==> flow/design.v <==
module ram_block_stage #(
  parameter int DEPTH = 24,
  parameter int WD = 6,
  parameter int AW = $clog2(DEPTH)
) (
  input logic clk_i,
  input logic i_rst,
  input logic adv,
  input logic we_in,
  input logic [AW-1:0] wr_addr_in,
  input logic [WD-1:0] d_in,
  input logic [AW-1:0] rsel0_in,
  input logic [AW-1:0] rsel1_in,
  output logic [WD-1:0] rd0_out,
  output logic [WD-1:0] rd1_out
);
  logic [WD-1:0] store [0:DEPTH-1];
  always_ff @(posedge clk_i) begin
    if (adv && we_in)
      store[wr_addr_in] <= d_in;
  end
  logic [WD-1:0] rd0_ff;
  assign rd0_out = rd0_ff;
  logic [WD-1:0] rd1_ff;
  assign rd1_out = rd1_ff;
  always_ff @(posedge clk_i) begin
    if (i_rst) begin
      rd0_ff <= 0;
      rd1_ff <= 0;
    end else if (adv) begin
      rd0_ff <= store[rsel0_in];
      rd1_ff <= store[rsel1_in];
    end
  end
endmodule
Reports on ram_block_stage --
The steps from the RTL of ram_block_stage to its reports follow in flow order. Line numbers count from 1 in the design file above. Operators carry their Yosys type and port widths (W data, S select, Z words). Not given: -
Design: top module ram_block_stage, clock port clk_i, library sky130hd, library corner tt_025C_1v80

Word-level counts --
Yosys after proc, flatten, opt, wreduce and memory -nomap, before mapping. Enables and synchronous resets that opt folds into registers are not counted as muxes. Memory bits, and registers merged into a memory's read port (data or address), are not among the register bits. Print and check cells are not counted. Equal cells are merged and count once. Yosys's memory passes give these memory sizes; they may raise the number of words (mostly to a power of two), join words into wider ones and drop unused or constant bits.
Operators by class: add/subtract/negate cells 0, $mul 0, div/mod/pow operators 0, order comparisons 0, equal/unequal tests 0, shift operators 0, mux-type cells 3, bitwise logic cells 0, reductions and logical operators 1
Operator list (count):
- $mux W6 | 1
- $mux W5 | 1
- $logic_and A1 B1 Y1 | 1
- $mux W1 | 1
Word-level totals: bits in registers 0, latch bits 0, bits in writable memories 144, memory bits (read-only) 0, clocked read ports x word width 12, memories kept 1, bits of input ports 25, output and inout bits 12, cells after elaboration 5
Memory list:
- store | words 24, bits a word 6, rd ports 2, write ports 1, line 17 | logic [WD-1:0] store [0:DEPTH-1];

Logic depth --
Depth = most cells in a row (Yosys ltp): at word level without a register or memory, in the mapped netlist without a sequential cell, where the memories' decode and read muxes count.
Depth: depth after elaboration 2, ABC_AREA 0, mapped depth 7, depth with buffers taken out 4

Netlist --
Source: synth_stat.txt of the flow (Yosys; design flattened, memories mapped). It holds for the ABC_AREA given above (unset counts as 0); a run with the other value may have another netlist.
Cells by type:
- sky130_fd_sc_hd__edfxtp_1 | count 144, area in all 4.32E+03 µm²
- sky130_fd_sc_hd__mux2i_1 | count 108, area in all 1.08E+03 µm²
- sky130_fd_sc_hd__a22oi_1 | count 42, area in all 315.302 µm²
- sky130_fd_sc_hd__mux4_1 | count 11, area in all 289.027 µm²
- sky130_fd_sc_hd__dfxtp_1 | count 12, area in all 240.23 µm²
- sky130_fd_sc_hd__mux4_2 | count 7, area in all 157.651 µm²
- sky130_fd_sc_hd__nor2_1 | count 41, area in all 153.898 µm²
- sky130_fd_sc_hd__a311oi_1 | count 11, area in all 96.342 µm²
- sky130_fd_sc_hd__buf_6 | count 7, area in all 78.826 µm²
- sky130_fd_sc_hd__nand2_1 | count 21, area in all 78.826 µm²
- sky130_fd_sc_hd__a31oi_1 | count 12, area in all 75.072 µm²
- sky130_fd_sc_hd__mux2_2 | count 6, area in all 67.565 µm²
- sky130_fd_sc_hd__a21oi_1 | count 12, area in all 60.058 µm²
- sky130_fd_sc_hd__nand3_1 | count 12, area in all 60.058 µm²
- sky130_fd_sc_hd__buf_4 | count 7, area in all 52.55 µm²
- sky130_fd_sc_hd__clkbuf_1 | count 13, area in all 48.797 µm²
- sky130_fd_sc_hd__o211ai_1 | count 6, area in all 45.043 µm²
- sky130_fd_sc_hd__nor2b_1 | count 6, area in all 37.536 µm²
Other cell types: 13; their cells: 25.
Mapped netlist: cells in the netlist 503, mapped area 7418.4 µm², area of sequential cells 4564.4 µm², flip-flop cells 156, buffers 37

Worst setup path after synthesis --
Source: OpenSTA report_checks on the synthesized netlist (no wires, ideal clock, input and output delay 20% of the period each), path of least setup slack; recovery checks are left aside. Register names are those of the netlist, which keeps one name where synthesis merged equal registers.
Timing post-synthesis: path kind input to register, start point input adv, end point memory store[0][0], period 2.15 ns, external input delay 0.430 ns, setup time 0.350 ns, time at the first pin 0.430 ns, arrival time 1.456 ns, required time 1.800 ns, setup slack 0.345 ns, path delay 1.376 ns, driving pins on the path 5, path buffers 2, synthesis period reached 1.805 ns
"path delay" = arrival - input delay + setup time. "driving pins on the path" counts driving pins, that of a launching flip-flop among them; a cell with two outputs on the path counts twice. "synthesis period reached" is the clock period less the worst setup slack; recovery checks do not enter. This is arithmetic on one report: input and output delays are still those of the set period (20% each). The rows between start and end are the longest chain of elaborated cells between them; the timing report does not say that the signal goes this way. Where chains are equally long, one stands for them. A line is the first line of the expression or statement that the cell stems from. Yosys adds cells for indexed reads and writes and turns some case tables into memories. The path ends at the enable pin of a flip-flop; only ways to that pin are counted.
On the way, post-synthesis: cell sequence sky130_fd_sc_hd__clkbuf_1 -> sky130_fd_sc_hd__nand2_1 -> sky130_fd_sc_hd__or3_1 -> sky130_fd_sc_hd__clkbuf_1 -> sky130_fd_sc_hd__nor2_1, length of the longest elaborated chain 2, elaborated cells on any way between the ends 3, RTL lines with such cells 1, classes of those cells mux (2); reduce/logical (1)
Ends and longest elaborated chain, post-synthesis:
- start, declared | line 8 | input logic adv,
- $logic_and A1 B1 Y1 | line 19 | if (adv && we_in)
- $mux W5 | line 19
- end, declared | line 17 | logic [WD-1:0] store [0:DEPTH-1];

Worst path after layout --
Path of least setup slack in the final report of flow run B (OpenROAD, finished layout, wires in). Where an end is a register, its clock arrival counts in the times.
Timing after layout: path kind input to register, start point input rsel0_in[3], end point register rd0_ff[0], period 2.78 ns, external input delay 0.56 ns, setup time 0.14 ns, time at the first pin 0.56 ns, arrival time 2.62 ns, required time 3.16 ns, setup slack 0.54 ns, driving pins on the path 5, path buffers 1
On the way, after layout: cell sequence sky130_fd_sc_hd__clkdlybuf4s50_1 -> sky130_fd_sc_hd__nor2b_1 -> sky130_fd_sc_hd__a22oi_1 -> sky130_fd_sc_hd__a31oi_1 -> sky130_fd_sc_hd__a311oi_1
Ends and longest elaborated chain, after layout:
- start, declared | line 12 | input logic [AW-1:0] rsel0_in,
- end, declared | line 22 | logic [WD-1:0] rd0_ff;
Chain of elaborated cells between the ends: none given.

Lab notebook: ram_block_stage

Stored flow runs of ram_block_stage (3 of them; Yosys, OpenROAD, sky130hd). They differ in their settings and are not a sequence. Constraints: input delay and output delay 20% of the set period each, output load 0.01 pF.
"worst path time" = time allowed to the worst setup path (clock period - input delay - output delay, where it has them) - its slack; a late launch clock adds to it, a late capture clock takes from it.
"power consumption": no workload was simulated; the value follows from the tool's default switching activity.

* Flow run A | settings: period_ns 3.29; CORE_UTILIZATION 56; SETUP_SLACK_MARGIN -0.31; PLACE_DENSITY_LB_ADDON 0.29; CORE_ASPECT_RATIO 1.17; CELL_PAD_IN_SITES_DETAIL_PLACEMENT 2; GPL_ROUTABILITY_DRIVEN 1; MAX_ROUTING_LAYER met5; CAP_MARGIN 20; CORE_MARGIN 2; SLEW_MARGIN 20 | no results, routing failed with DPL-0033
* Flow run B | settings: period_ns 2.78; CORE_UTILIZATION 70; PLACE_DENSITY_LB_ADDON 0.12; CORE_MARGIN 9; CTS_CLUSTER_SIZE 47; CAP_MARGIN 10; SLEW_MARGIN 40; MIN_ROUTING_LAYER met1 | results: total die area 14627.7 µm²; worst path time 1.68 ns; type of the worst setup path input to register; lowest setup slack 0.545 ns; area of the synthesized netlist 7418.4 µm²; standard-cell area after routing 8583.2 µm²; power consumption 5330 µW
* Flow run C | settings: period_ns 2.15; CAP_MARGIN 20; CORE_MARGIN 2; CORE_UTILIZATION 40; SLEW_MARGIN 20 | results: standard-cell area after routing 9049.9 µm²; worst path time 1.53 ns; type of the worst setup path input to register; power consumption 7116 µW; lowest setup slack 0.190 ns; area of the synthesized netlist 7418.4 µm²; total die area 19651.8 µm²
